==> flow/design.v <==
module sync_sel_unit_stage #(
  parameter DATA_W = 3,
  parameter N = 4,
  parameter SW = $clog2(N)
) (
  input wire ck,
  input wire rst,
  input wire [N*DATA_W-1:0] in_src,
  input wire [SW-1:0] in_select,
  output wire [DATA_W-1:0] out_y
);
  reg [N*DATA_W-1:0] src_d1;
  reg [SW-1:0] select_d1;
  always @(posedge ck) begin
    if (rst) begin
      src_d1 <= 0;
      select_d1 <= 0;
    end else begin
      src_d1 <= in_src;
      select_d1 <= in_select;
    end
  end
  localparam LO_W = N / 2;
  reg [DATA_W-1:0] lsb_d1;
  reg [DATA_W-1:0] high_d1;
  reg select_d1_d;
  reg [DATA_W-1:0] y_d1;
  always @(posedge ck) begin
    if (rst) begin
      lsb_d1 <= 0;
      high_d1 <= 0;
      select_d1_d <= 1'b0;
      y_d1 <= 0;
    end else begin
      lsb_d1 <= src_d1[select_d1[SW-2:0]*DATA_W +: DATA_W];
      high_d1 <= src_d1[(LO_W + select_d1[SW-2:0])*DATA_W +: DATA_W];
      select_d1_d <= select_d1[SW-1];
      y_d1 <= select_d1_d ? high_d1 : lsb_d1;
    end
  end
  assign out_y = y_d1;
endmodule
==> reports on sync_sel_unit_stage <==
=== Step by step through the tools: sync_sel_unit_stage ===
Tool output for the members of one design family, told apart by "DATA_W", in the order of the flow.
The file above is the member DATA_W = 3. Line numbers count from 1 in each member's own file.
Library cell names are shortened.
A cell with n/a has no value.

* Top: sync_sel_unit_stage
* Clock input: ck
* Standard-cell library: sky130hd
* Timing corner: tt_025C_1v80

=== Source of the members ===
New or changed lines of each further member against the RTL above, in its own file; lines it lacks are not shown.

{| class="wikitable"
|+ New or changed lines
! DATA_W !! RTL line !! text
|-
| 8 || 2 || <nowiki>parameter DATA_W = 8,</nowiki>
|-
| 12 || 2 || <nowiki>parameter DATA_W = 12,</nowiki>
|-
| 20 || 2 || <nowiki>parameter DATA_W = 20,</nowiki>
|-
| 24 || 2 || <nowiki>parameter DATA_W = 24,</nowiki>
|-
| 32 || 2 || <nowiki>parameter DATA_W = 32,</nowiki>
|-
| 64 || 2 || <nowiki>parameter DATA_W = 64,</nowiki>
|}

=== After elaboration ===
Yosys after proc, flatten, opt, wreduce and memory -nomap, before mapping. Enables and synchronous resets that opt folds into registers are not counted as muxes. Memory bits, and registers merged into a memory's read port (data or address), are not among the register bits. Print and check cells are not counted. Equal cells are merged and count once.

{| class="wikitable"
|+ Word-level totals
! DATA_W !! elaborated cells !! output and inout bits !! input bits !! bits in registers
|-
| 3 || 12 || 3 || 16 || 24
|-
| 8 || 10 || 8 || 36 || 59
|-
| 12 || 12 || 12 || 52 || 87
|-
| 20 || 12 || 20 || 84 || 143
|-
| 24 || 12 || 24 || 100 || 171
|-
| 32 || 10 || 32 || 132 || 227
|-
| 64 || 10 || 64 || 260 || 451
|}

{| class="wikitable"
|+ Cells by class
! DATA_W !! shifts and indexed selects !! add/subtract/negate cells !! multipliers !! mux-type cells
|-
| 3 || 2 || 1 || 2 || 1
|-
| 8 || 2 || 1 || 0 || 1
|-
| 12 || 2 || 1 || 2 || 1
|-
| 20 || 2 || 1 || 2 || 1
|-
| 24 || 2 || 1 || 2 || 1
|-
| 32 || 2 || 1 || 0 || 1
|-
| 64 || 2 || 1 || 0 || 1
|}

{| class="wikitable"
|+ Operator list
! DATA_W !! kind and count
|-
| 3 || variable part select 12 x 4 -> 3 bit (1); variable part select 12 x 6 -> 3 bit (1); multiplier 3 x 2 -> 5 bit with constant B (1); multiplier 1 x 2 -> 3 bit with constant B (1); adder 2 x 1 -> 3 bit with constant A (1); 2-to-1 mux 3 bit (1)
|-
| 8 || variable part select 32 x 5 -> 8 bit (1); variable part select 32 x 7 -> 8 bit (1); 2-to-1 mux 8 bit (1); adder 2 x 1 -> 3 bit with constant A (1)
|-
| 12 || variable part select 48 x 6 -> 12 bit (1); variable part select 48 x 8 -> 12 bit (1); 2-to-1 mux 12 bit (1); multiplier 3 x 2 -> 5 bit with constant B (1); multiplier 1 x 2 -> 3 bit with constant B (1); adder 2 x 1 -> 3 bit with constant A (1)
|-
| 20 || variable part select 80 x 7 -> 20 bit (1); variable part select 80 x 9 -> 20 bit (1); 2-to-1 mux 20 bit (1); multiplier 3 x 3 -> 6 bit with constant B (1); multiplier 1 x 3 -> 4 bit with constant B (1); adder 2 x 1 -> 3 bit with constant A (1)
|-
| 24 || variable part select 96 x 7 -> 24 bit (1); variable part select 96 x 9 -> 24 bit (1); 2-to-1 mux 24 bit (1); multiplier 3 x 2 -> 5 bit with constant B (1); multiplier 1 x 2 -> 3 bit with constant B (1); adder 2 x 1 -> 3 bit with constant A (1)
|-
| 32 || variable part select 128 x 7 -> 32 bit (1); variable part select 128 x 9 -> 32 bit (1); 2-to-1 mux 32 bit (1); adder 2 x 1 -> 3 bit with constant A (1)
|-
| 64 || variable part select 256 x 10 -> 64 bit (1); variable part select 256 x 8 -> 64 bit (1); 2-to-1 mux 64 bit (1); adder 2 x 1 -> 3 bit with constant A (1)
|}

=== Logic depth ===
Depth = most cells in a row (Yosys ltp): at word level without a register or memory, in the mapped netlist without a sequential cell, where the memories' decode and read muxes count.

{| class="wikitable"
|+ Logic depth
! DATA_W !! depth after elaboration !! ABC_AREA !! mapped depth !! gate-level depth less buffers
|-
| 3 || 3 || 0 || 3 || 2
|-
| 8 || 2 || 0 || 4 || 2
|-
| 12 || 3 || 0 || 4 || 2
|-
| 20 || 3 || 0 || 4 || 2
|-
| 24 || 3 || 0 || 5 || 2
|-
| 32 || 2 || 0 || 4 || 2
|-
| 64 || 2 || 0 || 5 || 2
|}

=== Mapped cells and area ===
The flow's flattened synthesis, as Yosys stat reports it; memories are mapped. The netlist is that of the ABC_AREA named above (0 if unset); the other value can give another one.
Totals and module areas in this step are rounded.

{| class="wikitable"
|+ Cells by type
! DATA_W !! type and count
|-
| 3 || dfxtp_1 (24); nor2b_1 (15); mux2i_1 (9); nor2_1 (9); buf_4 (2); buf_6 (1)
|-
| 8 || dfxtp_1 (59); mux2i_1 (24); nor2b_1 (35); nor2_1 (24); buf_4 (3); buf_12 (1); buf_2 (4); buf_6 (1)
|-
| 12 || dfxtp_1 (87); mux2i_1 (36); nor2b_1 (51); nor2_1 (35); buf_12 (2); buf_2 (7); buf_6 (2); buf_4 (2); nor2_2 (1)
|-
| 20 || dfxtp_1 (143); mux2i_1 (60); nor2b_1 (73); nor2_1 (60); nor2b_4 (10); buf_6 (9); buf_12 (5); buf_2 (7); buf_4 (1); clkbuf_4 (1)
|-
| 24 || dfxtp_1 (171); mux2i_1 (72); nor2b_1 (99); nor2_1 (72); buf_2 (15); buf_12 (3); buf_4 (8); buf_6 (2)
|-
| 32 || dfxtp_1 (227); mux2i_1 (96); nor2b_1 (131); nor2_1 (96); buf_2 (18); buf_8 (6); buf_6 (5); clkbuf_1 (5); buf_4 (2)
|-
| 64 || dfxtp_1 (451); mux2i_1 (192); nor2b_1 (259); nor2_1 (181); buf_6 (25); buf_12 (13); buf_2 (19); nor2_2 (11); buf_4 (5); clkbuf_1 (8); clkbuf_4 (1)
|}

{| class="wikitable"
|+ Synthesis totals
! DATA_W !! buffers !! sequential part of the area (sq um) !! flip-flop cells !! synthesis area (sq um) !! mapped cells
|-
| 3 || 3 || 480 || 24 || 724 || 60
|-
| 8 || 9 || 1,180 || 59 || 1,800 || 151
|-
| 12 || 13 || 1,740 || 87 || 2,670 || 223
|-
| 20 || 23 || 2,860 || 143 || 4,530 || 369
|-
| 24 || 28 || 3,420 || 171 || 5,250 || 442
|-
| 32 || 36 || 4,540 || 227 || 6,960 || 586
|-
| 64 || 71 || 9,030 || 451 || 14,000 || 1,165
|}

=== Path before layout ===
Source: OpenSTA report_checks on the synthesized netlist (no wires, ideal clock, input and output delay 20% of the period each), path of least setup slack; recovery checks are left aside. Register names are those of the netlist, which keeps one name where synthesis merged equal registers.

{| class="wikitable"
|+ Timing after synthesis
! DATA_W !! kind !! from !! to !! path delay (ns) !! stages on the path !! period (ns) !! setup slack (ns) !! synthesis period reached (ns)
|-
| 3 || reg-to-reg || reg select_d1[0] || reg high_d1[0] || 0.748 || 4 || 0.935 || 0.186 || 0.749
|-
| 8 || reg-to-reg || reg select_d1[0] || reg high_d1[4] || 0.901 || 5 || 1.13 || 0.229 || 0.901
|-
| 12 || reg-to-reg || reg select_d1_d || reg y_d1[5] || 0.902 || 4 || 1.13 || 0.228 || 0.902
|-
| 20 || reg-to-reg || reg select_d1[0] || reg high_d1[0] || 0.897 || 5 || 1.12 || 0.222 || 0.898
|-
| 24 || reg-to-reg || reg select_d1[0] || reg lsb_d1[10] || 0.994 || 6 || 1.24 || 0.246 || 0.994
|-
| 32 || reg-to-reg || reg select_d1[0] || reg high_d1[10] || 0.973 || 5 || 1.22 || 0.248 || 0.972
|-
| 64 || reg-to-reg || reg select_d1[0] || reg lsb_d1[44] || 1.050 || 5 || 1.31 || 0.260 || 1.05
|}

"path delay" is the arrival time less input delay plus setup time.
"stages on the path": output pins that drive a net of the path, with the launching flip-flop's if there is one; two outputs of one cell count as two.
"synthesis period reached" is the clock period less the worst setup slack; recovery checks do not enter. This is arithmetic on one report: input and output delays are still those of the set period (20% each).
Between the ends stands the longest chain of elaborated cells between them, by number of cells; it is not shown to be the way that was timed. Of several equally long chains one is given.
Each line given opens the expression or statement behind the cell; cells for indexed reads and writes are added by Yosys, which also makes memories of some case tables.

Between the ends, after synthesis, DATA_W = 3:
* Length of the longest elaborated chain: 3

{| class="wikitable"
|+ RTL lines, path after synthesis, DATA_W = 3
! item !! RTL line !! text
|-
| start, declared || 13 || <nowiki>reg [SW-1:0] select_d1;</nowiki>
|-
| start, assigned || 17 || <nowiki>select_d1 <= 0;</nowiki>
|-
| start, assigned || 20 || <nowiki>select_d1 <= in_select;</nowiki>
|-
| adder 2 x 1 -> 3 bit || 36 || <nowiki>high_d1 <= src_d1[(LO_W + select_d1[SW-2:0])*DATA_W +: DATA_W];</nowiki>
|-
| multiplier 3 x 2 -> 5 bit || 36 ||
|-
| variable part select 12 x 6 -> 3 bit || 36 ||
|-
| end, assigned || 31 || <nowiki>high_d1 <= 0;</nowiki>
|-
| end, assigned || 36 ||
|-
| end, declared || 25 || <nowiki>reg [DATA_W-1:0] high_d1;</nowiki>
|}

Between the ends, after synthesis, DATA_W = 64:
* Length of the longest elaborated chain: 1

{| class="wikitable"
|+ RTL lines, path after synthesis, DATA_W = 64
! item !! RTL line !! text
|-
| start, declared || 13 || <nowiki>reg [SW-1:0] select_d1;</nowiki>
|-
| start, assigned || 17 || <nowiki>select_d1 <= 0;</nowiki>
|-
| start, assigned || 20 || <nowiki>select_d1 <= in_select;</nowiki>
|-
| variable part select 256 x 8 -> 64 bit || 35 || <nowiki>lsb_d1 <= src_d1[select_d1[SW-2:0]*DATA_W +: DATA_W];</nowiki>
|-
| end, assigned || 30 || <nowiki>lsb_d1 <= 0;</nowiki>
|-
| end, assigned || 35 ||
|-
| end, declared || 24 || <nowiki>reg [DATA_W-1:0] lsb_d1;</nowiki>
|}

=== Path in the finished layout ===
From the final timing report of the run of each member: the path of least setup slack in the routed layout; clock arrival at registers is part of the times.

{| class="wikitable"
|+ Timing post-layout
! DATA_W !! kind !! from !! to !! setup slack (ns) !! path buffers !! period (ns) !! stages on the path !! arrival time (ns)
|-
| 3 || reg-to-output || reg y_d1[0] || out out_y[0] || 0.01 || 1 || 0.935 || 2 || 0.74
|-
| 8 || reg-to-output || reg y_d1[2] || out out_y[2] || 0.02 || 1 || 1.13 || 2 || 0.88
|-
| 12 || reg-to-output || reg y_d1[5] || out out_y[5] || 0.04 || 1 || 1.13 || 2 || 0.87
|-
| 20 || reg-to-output || reg y_d1[10] || out out_y[10] || 0.05 || 1 || 1.12 || 2 || 0.84
|-
| 24 || reg-to-output || reg y_d1[3] || out out_y[3] || 0.04 || 1 || 1.24 || 2 || 0.95
|-
| 32 || reg-to-output || reg y_d1[20] || out out_y[20] || 0.03 || 1 || 1.22 || 2 || 0.94
|-
| 64 || reg-to-output || reg y_d1[11] || out out_y[11] || 0.05 || 1 || 1.31 || 2 || 1.00
|}

=== Layout results ===
One run of the flow (Yosys, OpenROAD) for each member, with settings and measured results. Input and output delays are each 20% of the period that was set; the output load is 0.01 pF.

* CAP_MARGIN: 20
* CORE_MARGIN: 2
* CORE_UTILIZATION: 40
* SLEW_MARGIN: 20

{| class="wikitable"
|+ Settings that differ
! DATA_W !! period_ns
|-
| 3 || 0.935
|-
| 8 || 1.13
|-
| 12 || 1.13
|-
| 20 || 1.12
|-
| 24 || 1.24
|-
| 32 || 1.22
|-
| 64 || 1.31
|}

{| class="wikitable"
|+ Results
! DATA_W !! power consumption (mW) !! achieved period (ns) !! full die area (sq um) !! post-route utilization (%) !! summed negative setup slack (ns) !! mapped cell area after synthesis (sq um) !! worst setup slack after layout (ns) !! worst hold slack after layout (ns) !! standard-cell area after routing (sq um)
|-
| 3 || 1.95 || 0.925 || 2,170 || 57.8 || 0.000 || 724 || 0.010 || 0.420 || 987
|-
| 8 || 4.16 || 1.109 || 5,060 || 55.8 || 0.000 || 1,800 || 0.021 || 0.342 || 2,430
|-
| 12 || 5.87 || 1.092 || 7,350 || 54.9 || 0.000 || 2,670 || 0.038 || 0.333 || 3,530
|-
| 20 || 11.7 || 1.066 || 12,200 || 56.2 || 0.000 || 4,530 || 0.054 || 0.185 || 6,150
|-
| 24 || 12.0 || 1.200 || 14,100 || 56.1 || 0.000 || 5,250 || 0.040 || 0.308 || 7,140
|-
| 32 || 16.5 || 1.187 || 18,500 || 55.3 || 0.000 || 6,960 || 0.033 || 0.051 || 9,500
|-
| 64 || 29.6 || 1.264 || 36,600 || 54.6 || 0.000 || 14,000 || 0.046 || 0.158 || 18,800
|}

"achieved period" is the run's clock period less its worst setup slack. It is reckoned from that one timing run; input and output delays stay at 20% of the period that was set.
"power consumption": no workload was simulated; the value follows from the tool's default switching activity.
Results are given in rounded form.
